==> flow/design.v <==
module switch_rtl #(
   parameter XLEN = 2,
   parameter NUM = 20
) (
   input  core_clk,
   input  reset,
   input  [NUM*XLEN-1:0] bus_in,
   input  [NUM-1:0] idx_in,
   output [XLEN-1:0] o_out
);
   reg [NUM*XLEN-1:0] bus_q;
   reg [NUM-1:0] idx_q;
   reg [XLEN-1:0] tmp;
   integer k;
   always @* begin
      tmp = 0;
      for (k = 0; k < NUM; k = k + 1)
         tmp = tmp | (bus_q[k*XLEN +: XLEN] & {XLEN{idx_q[k]}});
   end
   assign o_out = tmp;
   always @(posedge core_clk) begin
      if (reset) begin
         bus_q <= 0;
         idx_q <= 0;
      end else begin
         bus_q <= bus_in;
         idx_q <= idx_in;
      end
   end
endmodule
**Reports on switch_rtl**

The steps from the RTL of switch_rtl to its reports follow in flow order.
Lines are those of the file above, counted from 1.
Library cell names are shortened.
Not given: -

- Top module: switch_rtl
- Clock port: core_clk
- Library: sky130hd
- Corner: tt_025C_1v80

**After elaboration**

Counts by Yosys on the flattened word-level netlist (proc, flatten, opt, wreduce; memories kept). Register bits leave out memories and registers merged into their read ports (data or address); mux counts leave out enables and synchronous resets folded into registers. Print and check cells are left out. Cells with the same type and inputs are merged into one.

- Register bits after elaboration: 60
- Input port bits: 62
- Output and inout port bits: 2
- Elaborated cells: 41

- Bitwise operators: 39

Operator list:

| kind | count |
|---|---|
| 2-bit bitwise AND | 20 |
| 2-bit bitwise OR | 19 |

**Longest topological paths**

Longest topological path by Yosys (ltp), each cell counted once; first at word level (registers and memories cut), then after technology mapping (sequential cells cut; the memories' decode and read muxes count).

- Word-level depth: 20
- ABC_AREA: 0
- Depth in mapped cells: 4
- Mapped depth without buffers: 4

**Netlist**

Source: synth_stat.txt of the flow (Yosys; design flattened, memories mapped). It holds for the ABC_AREA given above (unset counts as 0); a run with the other value may have another netlist.
The area totals of this step are shown rounded.

- Mapped cells: 150
- Chip area (Yosys): 1800 µm²
- Sequential area: 1200 µm²
- Flip-flop cells: 60
- Buffer cells: 6

Cell types:

| cell | count | area in all (µm²) |
|---|---|---|
| dfxtp_1 | 60 | 1.2E+03 |
| nor2b_1 | 60 | 375.36 |
| a22o_1 | 8 | 70.067 |
| a221oi_1 | 7 | 61.309 |
| a22oi_1 | 4 | 30.029 |
| clkbuf_1 | 6 | 22.522 |
| a221oi_2 | 1 | 15.014 |
| and3_1 | 2 | 12.512 |
| nand4_1 | 2 | 12.512 |

**Worst setup path after synthesis**

OpenSTA on the mapped netlist: ideal clock, no wires. The path of least setup slack (recovery checks aside). Input and output delay are each 20% of the period. Register names are those of the netlist, which keeps one name where synthesis merged equal registers.

- Path kind: reg2out
- Start point: reg bus_q[1]
- End point: out o_out[1]
- Clock period: 1530 ps
- External output delay: 306 ps
- Launch time at the first pin: 0 ps
- Arrival time: 980 ps
- Data required time: 1224 ps
- Setup slack: 244 ps
- Delay of the path: 980 ps
- Stages: 5
- Path buffers: 0
- Synthesis period reached: 1286 ps

"delay of the path" is the arrival time less input delay plus setup time.
A path that ends at an output port has no setup time.
"stages": output pins that drive a net of the path, with the launching flip-flop's if there is one; two outputs of one cell count as two.
"synthesis period reached" = period - worst setup slack (recovery checks aside). The figure is calculated, with input and output delays left at 20% of the set period.
The rows between start and end are the longest chain of elaborated cells between them; the timing report does not say that the signal goes this way. Where chains are equally long, one stands for them.
A line is the first line of the expression or statement that the cell stems from. Yosys adds cells for indexed reads and writes and turns some case tables into memories.

- Path through: dfxtp_1 > a22o_1 > a221oi_1 > and3_1 > nand4_1
- Cells in the longest elaborated chain: 20

Ends and longest elaborated chain, post-synthesis:

| element | RTL line | RTL |
|---|---|---|
| start: declaration | 11 | `reg [NUM*XLEN-1:0] bus_q;` |
| start: assignment | 23 | `bus_q <= 0;` |
| start: assignment | 26 | `bus_q <= bus_in;` |
| 2-bit bitwise AND | 18 | `tmp = tmp \| (bus_q[k*XLEN +: XLEN] & {XLEN{idx_q[k]}});` |
| 2-bit bitwise OR x19 | 18 |  |
| end: declaration | 9 | `output [XLEN-1:0] o_out` |

**Path in the finished layout**

From the final timing report of job 2: the path of least setup slack in the routed layout; clock arrival at registers is part of the times.
The report prints the path's times to 10 ps; the period is as set.

- Path kind: reg2out
- Start point: reg idx_q[6]
- End point: out o_out[1]
- Clock period: 1530 ps
- External output delay: 310 ps
- Launch time at the first pin: 320 ps
- Arrival time: 1500 ps
- Data required time: 1220 ps
- Setup slack: -270 ps
- Stages: 6
- Path buffers: 1

The rows between start and end are the longest chain of elaborated cells between them; the timing report does not say that the signal goes this way. Where chains are equally long, one stands for them.

- Path through: dfxtp_2 > a22o_1 > a221oi_2 > and3_1 > nand4_1 > buf_2
- Cells in the longest elaborated chain: 15

Ends and longest elaborated chain, post-layout:

| element | RTL line | RTL |
|---|---|---|
| start: declaration | 12 | `reg [NUM-1:0] idx_q;` |
| start: assignment | 24 | `idx_q <= 0;` |
| start: assignment | 27 | `idx_q <= idx_in;` |
| 2-bit bitwise AND | 18 | `tmp = tmp \| (bus_q[k*XLEN +: XLEN] & {XLEN{idx_q[k]}});` |
| 2-bit bitwise OR x14 | 18 |  |
| end: declaration | 9 | `output [XLEN-1:0] o_out` |

# Flow runs of switch_rtl

Record of 3 stored runs of the RTL-to-layout flow on switch_rtl, platform sky130hd. The runs are unordered. Constraints: input delay and output delay 20% of the set period each, output load 0.01 pF.
By "achieved clock period" is meant the clock period of the run minus its worst setup slack. This is arithmetic on one report: input and output delays are still those of the set period (20% each).
"time on the worst setup path": the worst setup path's part of the clock period (all of it between registers, 20% less for each end at a port) less its slack. A launch clock that arrives late makes it longer, a capture clock that arrives late makes it shorter.
"total design power" rests on the timing tool's default activity at the inputs, not on a simulated workload.
"time on the worst setup path" is known to 10 ps.
Values from the reports are rounded here.
Among the settings, -- means not set for that run.
Results: -- = not shown.

| name | job 1 | job 2 | job 3 |
|---|---|---|---|
| period_ns | 1.71 | 1.53 | 1.08 |
| CORE_UTILIZATION | 62 | 40 | 19 |
| SETUP_SLACK_MARGIN | -0.06 | -- | 0.28 |
| PLACE_DENSITY_LB_ADDON | 0.07 | -- | 0.01 |
| CORE_ASPECT_RATIO | 1.31 | -- | -- |
| CORE_MARGIN | 4 | 2 | 2 |
| CELL_PAD_IN_SITES_GLOBAL_PLACEMENT | 2 | -- | 1 |
| TNS_END_PERCENT | 10 | -- | -- |
| GPL_TIMING_DRIVEN | 0 | -- | 1 |
| CTS_CLUSTER_DIAMETER | 136 | -- | -- |
| MAX_ROUTING_LAYER | met4 | -- | -- |
| CAP_MARGIN | 20 | 20 | 20 |
| SLEW_MARGIN | 20 | 20 | 20 |
| CELL_PAD_IN_SITES_DETAIL_PLACEMENT | -- | -- | 0 |
| ABC_AREA | -- | -- | 1 |
| CTS_CLUSTER_SIZE | -- | -- | 48 |
| MIN_ROUTING_LAYER | -- | -- | met1 |
| chip area in the Yosys report (µm²) | -- | 1800 | 2040 |
| die outline area (µm²) | -- | 5050 | 11600 |
| standard-cell area of the final layout (µm²) | -- | 2780 | 3040 |
| utilization after layout (%) | -- | 63.7 | 29.3 |
| worst setup slack after layout (ps) | -- | -273 | -404 |
| summed negative setup slack (ps) | -- | -526 | -784 |
| worst hold slack (ps) | -- | 436 | 268 |
| total design power (µW) | -- | 3510 | 5090 |
| achieved clock period (ps) | -- | 1803 | 1484 |
| time on the worst setup path (ps) | -- | 1500 | 1270 |
| class of the worst setup path | -- | reg2out | reg2out |

Job 1: no results, placement failed with FLW-0024
